==> flow/design.v <==
module my_add_core_v2 #(
    parameter XLEN = 18
) (
    input logic clock,
    input logic resetn,
    input logic [XLEN-1:0] in_dataa,
    input logic [XLEN-1:0] in_datab,
    output logic [XLEN-1:0] out_res,
    output logic out_carry
);
    logic [XLEN-1:0] dataa_s;
    logic [XLEN-1:0] datab_s;
    always_ff @(posedge clock or negedge resetn) begin
        if (~resetn) begin
            dataa_s <= '0;
            datab_s <= '0;
        end else begin
            dataa_s <= in_dataa;
            datab_s <= in_datab;
        end
    end
    logic [XLEN-1:0] g;
    logic [XLEN-1:0] p;
    always_comb begin
        g = dataa_s & datab_s;
        p = dataa_s ^ datab_s;
        for (int t = 1; t < XLEN; t = t * 2) begin
            g = g | (p & (g << t));
            p = p & (p << t);
        end
    end
    assign out_res = dataa_s ^ datab_s ^ {g[XLEN-2:0], 1'b0};
    assign out_carry = g[XLEN-1];
endmodule
==> reports on my_add_core_v2 <==
### Reports on my_add_core_v2

Tool output for the members of one design family, told apart by "XLEN", in the order of the flow.
The file above is the member XLEN = 18. Line numbers count from 1 in each member's own file.
The mark -- stands for no value.

* top: my_add_core_v2
* clock input: clock
* cell library: sky130hd
* library corner: tt_025C_1v80

### Members of the sweep

New or changed lines of each further member against the RTL above, in its own file; lines it lacks are not shown.

Lines new or changed
* XLEN 24: RTL line 2 `parameter XLEN = 24`
* XLEN 56: RTL line 2 `parameter XLEN = 56`
* XLEN 112: RTL line 2 `parameter XLEN = 112`

### After elaboration

Source: Yosys, flattened and elaborated, memories not mapped. Widths are those after wreduce; folded enables and synchronous resets count as part of the registers. Registers that Yosys merges into a memory's read port (data or address) are not register bits. Print and check cells do not count. Equal cells are merged and count once.

Operators by class (bitwise gates (word level))
* XLEN 18: 17
* XLEN 24: 17
* XLEN 56: 20
* XLEN 112: 23

Operators by type and width (kinds with counts)
* XLEN 18: 10 x AND 18 bit; 5 x OR 18 bit; 2 x XOR 18 bit
* XLEN 24: 10 x AND 24 bit; 5 x OR 24 bit; 2 x XOR 24 bit
* XLEN 56: 12 x AND 56 bit; 6 x OR 56 bit; 2 x XOR 56 bit
* XLEN 112: 14 x AND 112 bit; 7 x OR 112 bit; 2 x XOR 112 bit

Bit counts
* XLEN 18: register bits 36, output and inout bits 19
* XLEN 24: register bits 48, output and inout bits 25
* XLEN 56: register bits 112, output and inout bits 57
* XLEN 112: register bits 224, output and inout bits 113

### Depth

Longest topological path by Yosys (ltp), each cell counted once; first at word level (registers and memories cut), then after technology mapping (sequential cells cut; the memories' decode and read muxes count).

Depth
* XLEN 18: word-level depth 12, ABC_AREA 0, gate-level depth with buffers 8, mapped depth without buffers 8
* XLEN 24: word-level depth 12, ABC_AREA 0, gate-level depth with buffers 9, mapped depth without buffers 9
* XLEN 56: word-level depth 14, ABC_AREA 0, gate-level depth with buffers 11, mapped depth without buffers 11
* XLEN 112: word-level depth 16, ABC_AREA 0, gate-level depth with buffers 13, mapped depth without buffers 13

### After synthesis

Yosys stat after the flow's synthesis: flattened, memories mapped to cells. It holds for the ABC_AREA given above (unset counts as 0); a run with the other value may have another netlist.

Synthesis totals
* XLEN 18: cell count 155, chip area (Yosys) 1779.2 um2, sequential part of the area 900.9 um2, flip-flops 36, buffers 3
* XLEN 24: cell count 224, chip area (Yosys) 2533.7 um2, sequential part of the area 1201.2 um2, flip-flops 48, buffers 4
* XLEN 56: cell count 623, chip area (Yosys) 6288.5 um2, sequential part of the area 2802.7 um2, flip-flops 112, buffers 26
* XLEN 112: cell count 1323, chip area (Yosys) 12739.7 um2, sequential part of the area 5605.4 um2, flip-flops 224, buffers 40

Cells by type (types with counts)
* XLEN 18: 36 x sky130_fd_sc_hd__dfrtp_1; 18 x sky130_fd_sc_hd__ha_1; 18 x sky130_fd_sc_hd__a21oi_1; 9 x sky130_fd_sc_hd__xnor2_1; 18 x sky130_fd_sc_hd__nand2_1; 5 x sky130_fd_sc_hd__xor2_1; 3 x sky130_fd_sc_hd__a21oi_2; 4 x sky130_fd_sc_hd__a31oi_1; 3 x sky130_fd_sc_hd__a21o_1; 1 x sky130_fd_sc_hd__o31ai_4; 1 x sky130_fd_sc_hd__fa_1; 4 x sky130_fd_sc_hd__nand3_1; 4 x sky130_fd_sc_hd__o21ai_0; 3 x sky130_fd_sc_hd__nand4_1; 1 x sky130_fd_sc_hd__a31o_4; 1 x sky130_fd_sc_hd__xor2_2; 2 x sky130_fd_sc_hd__a211oi_1; 4 x sky130_fd_sc_hd__nor2_1; [+20]
* XLEN 24: 48 x sky130_fd_sc_hd__dfrtp_1; 24 x sky130_fd_sc_hd__ha_1; 23 x sky130_fd_sc_hd__a21oi_1; 13 x sky130_fd_sc_hd__xnor2_1; 20 x sky130_fd_sc_hd__nand2_1; 7 x sky130_fd_sc_hd__xor2_1; 10 x sky130_fd_sc_hd__o21ai_0; 12 x sky130_fd_sc_hd__nor2_1; 5 x sky130_fd_sc_hd__a21oi_2; 4 x sky130_fd_sc_hd__o2111ai_1; 4 x sky130_fd_sc_hd__a21o_1; 6 x sky130_fd_sc_hd__nor3_1; 3 x sky130_fd_sc_hd__nor3_2; 2 x sky130_fd_sc_hd__nor4_2; 2 x sky130_fd_sc_hd__o211ai_2; 1 x sky130_fd_sc_hd__o211ai_4; 1 x sky130_fd_sc_hd__fa_1; 3 x sky130_fd_sc_hd__nand2b_1; [+36]
* XLEN 56: 112 x sky130_fd_sc_hd__dfrtp_1; 56 x sky130_fd_sc_hd__ha_1; 72 x sky130_fd_sc_hd__a21oi_1; 39 x sky130_fd_sc_hd__a21o_1; 32 x sky130_fd_sc_hd__xnor2_1; 18 x sky130_fd_sc_hd__xor2_1; 31 x sky130_fd_sc_hd__o21ai_0; 40 x sky130_fd_sc_hd__nand2_1; 27 x sky130_fd_sc_hd__nor2_1; 13 x sky130_fd_sc_hd__o21bai_1; 14 x sky130_fd_sc_hd__nand4_1; 21 x sky130_fd_sc_hd__inv_1; 15 x sky130_fd_sc_hd__nand3_1; 8 x sky130_fd_sc_hd__o21a_1; 11 x sky130_fd_sc_hd__buf_2; 6 x sky130_fd_sc_hd__and4_1; 8 x sky130_fd_sc_hd__a31oi_1; 13 x sky130_fd_sc_hd__clkbuf_1; [+87]
* XLEN 112: 224 x sky130_fd_sc_hd__dfrtp_1; 112 x sky130_fd_sc_hd__ha_1; 181 x sky130_fd_sc_hd__a21oi_1; 62 x sky130_fd_sc_hd__xnor2_1; 104 x sky130_fd_sc_hd__o21ai_0; 135 x sky130_fd_sc_hd__nand2_1; 48 x sky130_fd_sc_hd__xor2_1; 82 x sky130_fd_sc_hd__nor2_1; 34 x sky130_fd_sc_hd__a21o_1; 38 x sky130_fd_sc_hd__nand4_1; 21 x sky130_fd_sc_hd__o21a_1; 19 x sky130_fd_sc_hd__o21bai_1; 33 x sky130_fd_sc_hd__clkbuf_1; 30 x sky130_fd_sc_hd__inv_1; 18 x sky130_fd_sc_hd__nand3_1; 16 x sky130_fd_sc_hd__nor3_1; 12 x sky130_fd_sc_hd__a31oi_1; 11 x sky130_fd_sc_hd__nand2b_1; [+143]

The mark [+n] counts cells that are not listed.

### Timing after synthesis

Source: OpenSTA report_checks on the synthesized netlist (no wires, ideal clock, input and output delay 20% of the period each), path of least setup slack; recovery checks are left aside. Register names are those of the netlist, which keeps one name where synthesis merged equal registers.

Path after synthesis
* XLEN 18: path type flip-flop to output port, from register dataa_s[0], to output port out_res[16], period 3120 ps, slack 496 ps, stages 9, delay of the path 2000 ps, period reached after synthesis 2624 ps
* XLEN 24: path type flip-flop to output port, from register dataa_s[0], to output port out_res[22], period 3100 ps, slack 498 ps, stages 10, delay of the path 1982 ps, period reached after synthesis 2602 ps
* XLEN 56: path type flip-flop to output port, from register dataa_s[0], to output port out_res[46], period 4070 ps, slack 652 ps, stages 12, delay of the path 2604 ps, period reached after synthesis 3418 ps
* XLEN 112: path type flip-flop to output port, from register dataa_s[0], to output port out_res[110], period 4890 ps, slack 783 ps, stages 14, delay of the path 3129 ps, period reached after synthesis 4107 ps

"delay of the path" is the arrival time less input delay plus setup time.
A path that ends at an output port has no setup time.
"stages": output pins that drive a net of the path, with the launching flip-flop's if there is one; two outputs of one cell count as two.
"period reached after synthesis" is the clock period less the worst setup slack; recovery checks do not enter. This is arithmetic on one report: input and output delays are still those of the set period (20% each).
Between the ends stands the longest chain of elaborated cells between them, by number of cells; it is not shown to be the way that was timed. Of several equally long chains one is given.
Each line given opens the expression or statement behind the cell; cells for indexed reads and writes are added by Yosys, which also makes memories of some case tables.

On the way, after synthesis, XLEN = 18:
* length of the longest elaborated chain: 11

Ends and longest elaborated chain, after synthesis, XLEN = 18
* from (decl): RTL line 11 `logic [XLEN-1:0] dataa_s;`
* from (assign): RTL line 15 `dataa_s <= '0;`
* from (assign): RTL line 18 `dataa_s <= in_dataa;`
* AND 18 bit: RTL line 25 `g = dataa_s & datab_s;`
* AND 18 bit: RTL line 28 `g = g | (p & (g << t));`
* OR 18 bit: RTL line 28
* AND 18 bit: RTL line 28
* OR 18 bit: RTL line 28
* AND 18 bit: RTL line 28
* OR 18 bit: RTL line 28
* AND 18 bit: RTL line 28
* OR 18 bit (2 in a row): RTL line 28
* XOR 18 bit: RTL line 32 `assign out_res = dataa_s ^ datab_s ^ {g[XLEN-2:0], 1'b0};`
* to (decl): RTL line 8 `output logic [XLEN-1:0] out_res,`

On the way, after synthesis, XLEN = 112:
* length of the longest elaborated chain: 14

Ends and longest elaborated chain, after synthesis, XLEN = 112
* from (decl): RTL line 11 `logic [XLEN-1:0] dataa_s;`
* from (assign): RTL line 15 `dataa_s <= '0;`
* from (assign): RTL line 18 `dataa_s <= in_dataa;`
* AND 112 bit: RTL line 25 `g = dataa_s & datab_s;`
* AND 112 bit: RTL line 28 `g = g | (p & (g << t));`
* OR 112 bit (2 in a row): RTL line 28
* AND 112 bit: RTL line 28
* OR 112 bit: RTL line 28
* AND 112 bit: RTL line 28
* OR 112 bit (2 in a row): RTL line 28
* AND 112 bit: RTL line 28
* OR 112 bit: RTL line 28
* AND 112 bit: RTL line 28
* OR 112 bit: RTL line 28
* XOR 112 bit: RTL line 32 `assign out_res = dataa_s ^ datab_s ^ {g[XLEN-2:0], 1'b0};`
* to (decl): RTL line 8 `output logic [XLEN-1:0] out_res,`

### Worst path after layout

From the final timing report of each member's run: the path of least setup slack in the routed layout; clock arrival at registers is part of the times.
The path's times are printed in steps of 10 ps; the period is the one set.

Path post-layout
* XLEN 18: path type flip-flop to output port, from register dataa_s[1], to output port out_res[15], period 3120 ps, slack 40 ps, stages 9, arrival time 2460 ps
* XLEN 24: path type flip-flop to output port, from register datab_s[0], to output port out_res[22], period 3100 ps, slack 40 ps, stages 12, arrival time 2440 ps
* XLEN 56: path type flip-flop to output port, from register datab_s[0], to output port out_res[46], period 4070 ps, slack 80 ps, stages 15, arrival time 3170 ps
* XLEN 112: path type flip-flop to output port, from register datab_s[0], to output port out_res[110], period 4890 ps, slack -60 ps, stages 17, arrival time 3970 ps

### Measured runs

Settings and results of one run of the flow (Yosys, OpenROAD) for each member follow. The constraints put input and output delay at 20% of the set period each and load the outputs with 0.01 pF.

* CAP_MARGIN: 20
* CORE_MARGIN: 2
* CORE_UTILIZATION: 40
* SLEW_MARGIN: 20

Settings that differ (period_ns)
* XLEN 18: 3.12
* XLEN 24: 3.1
* XLEN 56: 4.07
* XLEN 112: 4.89

Results
* XLEN 18: chip area in the Yosys report 1779.2 um2, area of the die 4997.8 um2, standard-cell area after routing 2600.0 um2, post-layout utilization 0.601, setup slack of the worst path 38 ps, setup TNS 0 ps, achieved period 3082 ps
* XLEN 24: chip area in the Yosys report 2533.7 um2, area of the die 6986.4 um2, standard-cell area after routing 3621.0 um2, post-layout utilization 0.601, setup slack of the worst path 37 ps, setup TNS 0 ps, achieved period 3063 ps
* XLEN 56: chip area in the Yosys report 6288.5 um2, area of the die 16740.5 um2, standard-cell area after routing 9161.3 um2, post-layout utilization 0.6, setup slack of the worst path 83 ps, setup TNS 0 ps, achieved period 3987 ps
* XLEN 112: chip area in the Yosys report 12739.7 um2, area of the die 33293.5 um2, standard-cell area after routing 18273.8 um2, post-layout utilization 0.581, setup slack of the worst path -60 ps, setup TNS -112 ps, achieved period 4950 ps

"achieved period" means the clock period less the worst setup slack. The figure is calculated, with input and output delays left at 20% of the set period.
